==> flow/design.v <==
module comparator_blk #(
    parameter integer W = 40
) (
    input  logic sys_clk,
    input  logic [W-1:0] i_A,
    input  logic [W-1:0] i_B,
    output logic o_is_eq
);
    logic [W-1:0] r_A;
    always_ff @(posedge sys_clk) begin
        r_A <= i_A;
    end
    logic [W-1:0] r_B;
    always_ff @(posedge sys_clk) begin
        r_B <= i_B;
    end
    logic [W-1:0] nxt;
    assign nxt = r_A ^ r_B;
    always_ff @(posedge sys_clk) begin
        o_is_eq <= (nxt == 0);
    end
endmodule
### Reports on comparator_blk

Tool output for the design above, in the order of the flow.
Lines are those of the file above, counted from 1.
Operators carry their Yosys type and port widths (W data, S select, Z words).
The mark -- stands for no value.

* top module: comparator_blk
* clock input: sys_clk
* library: sky130hd
* corner: tt_025C_1v80

### Word-level counts

Yosys after proc, flatten, opt, wreduce and memory -nomap, before mapping. Enables and synchronous resets that opt folds into registers are not counted as muxes. Memory bits, and registers merged into a memory's read port (data or address), are not among the register bits. Print and check cells are not counted. Equal cells are merged and count once.

* bitwise operators: 1
* reductions and logical operators: 1

Operators with widths (number)
* $xor A40 B40 Y40: 1
* $logic_not A40 Y1: 1

* flip-flop bits (word level): 81
* output and inout bits: 1
* elaborated cells: 5

### Logic depth

Depth = most cells in a row (Yosys ltp): at word level without a register or memory, in the mapped netlist without a sequential cell, where the memories' decode and read muxes count.

* depth after elaboration: 2
* ABC_AREA: 0
* gate-level depth with buffers: 4
* mapped depth without buffers: 4

### Mapped cells and area

Source: synth_stat.txt of the flow (Yosys; design flattened, memories mapped). It holds for the ABC_AREA given above (unset counts as 0); a run with the other value may have another netlist.

* cell count: 134
* flip-flops: 81
* mapped area: 2059.5 um^2
* sequential part of the area: 1621.6 um^2

Cells by type
* sky130_fd_sc_hd__dfxtp_1: number 81, total area 1.62E+03 um^2
* sky130_fd_sc_hd__xor2_1: number 32, total area 280.269 um^2
* sky130_fd_sc_hd__xnor2_1: number 8, total area 70.067 um^2
* sky130_fd_sc_hd__nor4_1: number 8, total area 50.048 um^2
* sky130_fd_sc_hd__nand4_1: number 4, total area 25.024 um^2
* sky130_fd_sc_hd__nor4_2: number 1, total area 12.512 um^2

### Path before layout

Source: OpenSTA report_checks on the synthesized netlist (no wires, ideal clock, input and output delay 20% of the period each), path of least setup slack; recovery checks are left aside. Register names are those of the netlist, which keeps one name where synthesis merged equal registers.

* path kind: register to register
* start: reg r_B[32]
* end: reg o_is_eq
* driving pins on the path: 5
* slack: 0.270 ns
* period: 1.36 ns
* data required time: 1.272 ns
* path buffers: 0
* delay of the path: 1.090 ns
* time at the first pin: 0.000 ns
* arrival time: 1.002 ns
* synthesis period reached: 1.09 ns

"delay of the path" is the arrival time less input delay plus setup time.
"driving pins on the path" counts driving pins, that of a launching flip-flop among them; a cell with two outputs on the path counts twice.
"synthesis period reached" = period - worst setup slack (recovery checks aside). The figure is calculated, with input and output delays left at 20% of the set period.
Between the ends stands the longest chain of elaborated cells between them, by number of cells; it is not shown to be the way that was timed. Of several equally long chains one is given.
A line is the first line of the expression or statement that the cell stems from. Yosys adds cells for indexed reads and writes and turns some case tables into memories.

* path through: sky130_fd_sc_hd__dfxtp_1 sky130_fd_sc_hd__xor2_1 sky130_fd_sc_hd__nor4_1 sky130_fd_sc_hd__nand4_1 sky130_fd_sc_hd__nor4_2
* length of the longest elaborated chain: 2
* elaborated cells on any way between the ends: 2
* source lines of those cells: 2
* classes of those cells: logic: 1; reduce/logical: 1

Ends and longest elaborated chain, after synthesis
* start: declaration: line 13 `logic [W-1:0] r_B;`
* start: assignment: line 15 `r_B <= i_B;`
* $xor A40 B40 Y40: line 18 `assign nxt = r_A ^ r_B;`
* $logic_not A40 Y1: line 20 `o_is_eq <= (nxt == 0);`
* end: assignment: line 20
* end: declaration: line 7 `output logic o_is_eq`

### Worst path after layout

Path of least setup slack in the final report of job 2 (OpenROAD, finished layout, wires in). Where an end is a register, its clock arrival counts in the times.

* path kind: register to register
* start: reg r_B[1]
* end: reg o_is_eq
* slack: 0.08 ns
* time at the first pin: 0.33 ns
* driving pins on the path: 5
* arrival time: 1.52 ns
* data required time: 1.60 ns
* path buffers: 0
* period: 1.36 ns

Between the ends stands the longest chain of elaborated cells between them, by number of cells; it is not shown to be the way that was timed. Of several equally long chains one is given.

* path through: sky130_fd_sc_hd__dfxtp_1 sky130_fd_sc_hd__xor2_1 sky130_fd_sc_hd__nor4_1 sky130_fd_sc_hd__nand4_1 sky130_fd_sc_hd__nor4_2
* length of the longest elaborated chain: 2
* elaborated cells on any way between the ends: 2
* source lines of those cells: 2
* classes of those cells: logic: 1; reduce/logical: 1

Ends and longest elaborated chain, after layout
* start: declaration: line 13 `logic [W-1:0] r_B;`
* start: assignment: line 15 `r_B <= i_B;`
* $xor A40 B40 Y40: line 18 `assign nxt = r_A ^ r_B;`
* $logic_not A40 Y1: line 20 `o_is_eq <= (nxt == 0);`
* end: assignment: line 20
* end: declaration: line 7 `output logic o_is_eq`

Memo
Re: implementation data of comparator_blk

Flow measurements of comparator_blk on sky130hd: 3 stored runs with different settings, listed in no order. Input and output delays are each 20% of the period that was set; the output load is 0.01 pF.
"achieved clock period": clock period set for the run, less the worst setup slack. It is reckoned from that one timing run; input and output delays stay at 20% of the period that was set.
"time on the worst setup path" means the part of the period allowed to the worst setup path (the constraints hold back 20% at inputs and 20% at outputs) less its slack; where the path has registers, the arrival times of their clocks count too.
"power consumption" is the tool's figure for a default switching activity; nothing was simulated.

### Job 1

==> flow/run.sh <==
#!/bin/bash
# the make line also repeats the synthesis and layout settings of config.mk as NAME=value (left out here)
make -C /OpenROAD-flow-scripts/flow DESIGN_CONFIG=/design/flow/config.mk WORK_HOME=/design/flow/orfs CLKGATE_MAP_FILE= finish
==> flow/config.mk <==
export PLATFORM = sky130hd
export DESIGN_NAME = comparator_blk
export DESIGN_NICKNAME = comparator_blk
export VERILOG_FILES = /design/flow/design.v
export SDC_FILE = /design/flow/constraint.sdc
export NUM_CORES = 4
export LEC_CHECK = 0
export CAP_MARGIN = 20
export CELL_PAD_IN_SITES_DETAIL_PLACEMENT = 2
export CELL_PAD_IN_SITES_GLOBAL_PLACEMENT = 3
export CORE_ASPECT_RATIO = 1.37
export CORE_MARGIN = 3
export CORE_UTILIZATION = 44
export CTS_CLUSTER_DIAMETER = 175
export GPL_TIMING_DRIVEN = 0
export MIN_ROUTING_LAYER = met1
export PLACE_DENSITY_LB_ADDON = 0.03
export SLEW_MARGIN = 20
export TNS_END_PERCENT = 90
==> flow/constraint.sdc <==
create_clock -name core_clock -period 1.85 [get_ports {sys_clk}]
set_input_delay 0.3700 -clock core_clock [delete_from_list [all_inputs] [get_ports {sys_clk}]]
set_output_delay 0.3700 -clock core_clock [all_outputs]
set_load 0.01 [all_outputs]

Outcome of job 1: did not finish, placement stopped with FLW-0024

### Job 2

==> flow/run.sh <==
#!/bin/bash
# the make line also repeats the synthesis and layout settings of config.mk as NAME=value (left out here)
make -C /OpenROAD-flow-scripts/flow DESIGN_CONFIG=/design/flow/config.mk WORK_HOME=/design/flow/orfs CLKGATE_MAP_FILE= finish
==> flow/config.mk <==
export PLATFORM = sky130hd
export DESIGN_NAME = comparator_blk
export DESIGN_NICKNAME = comparator_blk
export VERILOG_FILES = /design/flow/design.v
export SDC_FILE = /design/flow/constraint.sdc
export NUM_CORES = 4
export LEC_CHECK = 0
export CAP_MARGIN = 20
export CORE_MARGIN = 2
export CORE_UTILIZATION = 40
export SLEW_MARGIN = 20
==> flow/constraint.sdc <==
create_clock -name core_clock -period 1.36 [get_ports {sys_clk}]
set_input_delay 0.2720 -clock core_clock [delete_from_list [all_inputs] [get_ports {sys_clk}]]
set_output_delay 0.2720 -clock core_clock [all_outputs]
set_load 0.01 [all_outputs]

Results of job 2:
- Time on the worst setup path: 1.28 ns
- Worst setup path type: register to register
- Post-synthesis cell area: 2,059.5 um^2
- Setup slack of the worst path: 0.080 ns
- Power consumption: 0.004725 W
- Worst hold slack after layout: 0.377 ns
- Achieved clock period: 1.280 ns
- Sum of negative setup slack: 0.000 ns
- Standard-cell area after layout: 3,189.3 um^2
- Die area: 5,738.8 um^2
- Utilization after layout: 63.3 %

### Job 3

==> flow/run.sh <==
#!/bin/bash
# the make line also repeats the synthesis and layout settings of config.mk as NAME=value (left out here)
make -C /OpenROAD-flow-scripts/flow DESIGN_CONFIG=/design/flow/config.mk WORK_HOME=/design/flow/orfs CLKGATE_MAP_FILE= finish
==> flow/config.mk <==
export PLATFORM = sky130hd
export DESIGN_NAME = comparator_blk
export DESIGN_NICKNAME = comparator_blk
export VERILOG_FILES = /design/flow/design.v
export SDC_FILE = /design/flow/constraint.sdc
export NUM_CORES = 4
export LEC_CHECK = 0
export CAP_MARGIN = 20
export CELL_PAD_IN_SITES_GLOBAL_PLACEMENT = 1
export CORE_ASPECT_RATIO = 0.63
export CORE_MARGIN = 2
export CORE_UTILIZATION = 65
export CTS_CLUSTER_SIZE = 40
export MAX_ROUTING_LAYER = met5
export PLACE_DENSITY_LB_ADDON = 0.13
export SETUP_SLACK_MARGIN = 0.09
export SLEW_MARGIN = 10
export TNS_END_PERCENT = 80
==> flow/constraint.sdc <==
create_clock -name core_clock -period 0.738 [get_ports {sys_clk}]
set_input_delay 0.1476 -clock core_clock [delete_from_list [all_inputs] [get_ports {sys_clk}]]
set_output_delay 0.1476 -clock core_clock [all_outputs]
set_load 0.01 [all_outputs]

Outcome of job 3: did not finish, placement stopped with FLW-0024
